==> flow/design.v <==
module alu_compare_stage #(
    parameter DWIDTH = 14
) (
    input  aclk,
    input  reset,
    input  [DWIDTH-1:0] lhs,
    input  [DWIDTH-1:0] rhs,
    output [DWIDTH-1:0] mn,
    output [DWIDTH-1:0] mx
);
    reg [DWIDTH-1:0] lhs_s;
    reg [DWIDTH-1:0] rhs_s;
    always @(posedge aclk) begin
        if (reset) begin
            lhs_s <= 0;
            rhs_s <= 0;
        end else begin
            lhs_s <= lhs;
            rhs_s <= rhs;
        end
    end
    wire work;
    assign work = lhs_s < rhs_s;
    reg [DWIDTH-1:0] mn_s;
    always @(posedge aclk) begin
        if (reset) begin
            mn_s <= 0;
        end else begin
            mn_s <= work ? lhs_s : rhs_s;
        end
    end
    assign mn = mn_s;
    reg [DWIDTH-1:0] mx_s;
    always @(posedge aclk) begin
        if (reset) begin
            mx_s <= 0;
        end else begin
            mx_s <= work ? rhs_s : lhs_s;
        end
    end
    assign mx = mx_s;
endmodule
# Step by step through the tools: alu_compare_stage
# The steps from the RTL of alu_compare_stage to its reports follow in flow order.
# Lines are those of the file above, counted from 1.
# Operators: Yosys type, input widths -> output width; for muxes data width and select width s.
# Cell names lack the library's common part.
# A cell with n/a has no value.
# setup
design,alu_compare_stage
clock_port,aclk
library,sky130hd
pvt_corner,tt_025C_1v80

# After elaboration
# Counts by Yosys on the flattened word-level netlist (proc, flatten, opt, wreduce; memories kept). Register bits leave out memories and registers merged into their read ports (data or address); mux counts leave out enables and synchronous resets folded into registers. Print and check cells are left out. Cells with the same type and inputs are merged into one.
# bits
regBits,56
in_bits,30
output_inout_bits,28
word_cells,7
# op_classes
compare,1
n_mux,2
# ops
cell,n
$mux 14,2
$lt 14x14->1,1

# Depth
# Yosys ltp: most cells in a row. Word level: on the elaborated netlist, between registers, memories and ports. Mapped: between sequential cells and ports; inverters and the memories' decode and read muxes count.
# logic_depth
ltp_word,2
ABC_AREA,0
mapped_depth,8
mapped_depth_nobuf,6

# After synthesis
# Yosys stat after the flow's synthesis: flattened, memories mapped to cells. It holds for the ABC_AREA given above (unset counts as 0); a run with the other value may have another netlist.
# mapped
mapped_cells,196
area_um2,2239.6
sequential_area_um2,1121.1
ff_cells,56
buf_cells,9
# types
cell_type,n,type_area_um2
dfxtp_1,56,1.12E+03
mux2i_1,28,280.269
nor2b_1,28,175.168
ha_1,13,162.656
or2b_2,15,131.376
nand2b_1,10,62.56
inv_1,13,48.797
buf_6,3,33.782
a21oi_2,3,26.275
a221oi_4,1,26.275
or2b_1,3,22.522
a21oi_1,4,20.019
buf_12,1,20.019
clkbuf_1,5,18.768
nand2_1,5,18.768
o221ai_2,1,15.014
nand2b_4,1,13.763
nor4_2,1,12.512
# Other cell types: 4; their cells: 5.

# Timing after synthesis
# OpenSTA on the mapped netlist: ideal clock, no wires. The path of least setup slack (recovery checks aside). Input and output delay are each 20% of the period. Register names are those of the netlist, which keeps one name where synthesis merged equal registers.
# synth_path
kind,register to register
from,reg rhs_s[13]
to,reg mn_s[0]
tclk_ns,2.26
setup_ns,0.072
t_first_pin_ns,0.000
t_arrival_ns,1.738
required_ns,2.188
path_slack_ns,0.451
path_delay_ns,1.810
stages,9
path_buffers,2
synth_period_reached_ns,1.809
# "path_delay_ns" = arrival - input delay + setup time.
# "stages" counts driving pins, that of a launching flip-flop among them; a cell with two outputs on the path counts twice.
# "synth_period_reached_ns" is the clock period less the worst setup slack; recovery checks do not enter. This is arithmetic on one report: input and output delays are still those of the set period (20% each).
# The rows between start and end are the longest chain of elaborated cells between them; the timing report does not say that the signal goes this way. Where chains are equally long, one stands for them.
# Each line given opens the expression or statement behind the cell; cells for indexed reads and writes are added by Yosys, which also makes memories of some case tables.
# synth_between
cell_sequence,dfxtp_1 inv_1 ha_1 nand2_1 nor4_2 a221o_1 buf_6 buf_12 mux2i_1
elab_chain_cells,2
cone_cells,2
lines_between,2
classes_between,compare (1); mux (1)
# synth_rtl
item,line,source
"start, declared",12,reg [DWIDTH-1:0] rhs_s;
"start, assigned",16,rhs_s <= 0;
"start, assigned",19,rhs_s <= rhs;
$lt 14x14->1,23,assign work = lhs_s < rhs_s;
$mux 14,29,mn_s <= work ? lhs_s : rhs_s;
"end, assigned",27,mn_s <= 0;
"end, assigned",29,
"end, declared",24,reg [DWIDTH-1:0] mn_s;

# Timing after layout
# From the final timing report of run 1: the path of least setup slack in the routed layout; clock arrival at registers is part of the times.
# layout_path
kind,register to register
from,reg rhs_s[5]
to,reg mn_s[9]
tclk_ns,2.05
setup_ns,0.07
t_first_pin_ns,0.30
t_arrival_ns,2.12
required_ns,2.27
path_slack_ns,0.15
stages,9
path_buffers,2
# The rows between start and end are the longest chain of elaborated cells between them; the timing report does not say that the signal goes this way. Where chains are equally long, one stands for them.
# layout_between
cell_sequence,dfxtp_1 inv_1 ha_1 a21oi_2 o221ai_2 a221oi_4 buf_6 buf_12 mux2i_1
elab_chain_cells,2
cone_cells,2
lines_between,2
classes_between,compare (1); mux (1)
# layout_rtl
item,line,source
"start, declared",12,reg [DWIDTH-1:0] rhs_s;
"start, assigned",16,rhs_s <= 0;
"start, assigned",19,rhs_s <= rhs;
$lt 14x14->1,23,assign work = lhs_s < rhs_s;
$mux 14,29,mn_s <= work ? lhs_s : rhs_s;
"end, assigned",27,mn_s <= 0;
"end, assigned",29,
"end, declared",24,reg [DWIDTH-1:0] mn_s;

# Below are 3 stored runs of the flow (Yosys, OpenROAD; platform sky130hd) on alu_compare_stage, each with its settings and what was measured, unordered. Constraints: input delay and output delay 20% of the set period each, output load 0.01 pF.
# By "achievedPeriod_ns" is meant the clock period of the run minus its worst setup slack. This is arithmetic on one report: input and output delays are still those of the set period (20% each).
# "critical_path_time_ns" means the part of the period allowed to the worst setup path (the constraints hold back 20% at inputs and 20% at outputs) less its slack; where the path has registers, the arrival times of their clocks count too.
# Among the settings, . means not set for that run.
setting or result,run 1,run 2,run 3
period_ns,2.05,1.85,2.26
CORE_UTILIZATION,22,43,40
PLACE_DENSITY,0.58,.,.
CELL_PAD_IN_SITES_GLOBAL_PLACEMENT,3,1,.
GPL_ROUTABILITY_DRIVEN,0,.,.
CTS_CLUSTER_SIZE,11,.,.
MIN_ROUTING_LAYER,met1,.,.
CAP_MARGIN,20,20,20
CORE_MARGIN,2,3,2
SLEW_MARGIN,20,20,20
SETUP_SLACK_MARGIN,.,0.43,.
worstSetupSlack_ns,0.153,0.116,0.365
die_area_um2,11003.0,6110.6,6213.4
hold_worst_slack_ns,0.496,0.521,0.506
setup_tns_ns,0.000,0.000,0.000
achievedPeriod_ns,1.897,1.734,1.895
critical_path_time_ns,1.90,1.73,1.90
timing.worst_path_kind,register to register,register to register,register to register
ys_area_um2,2239.6,2239.6,2239.6
layout_utilization_pct,31.2,65.8,54.8
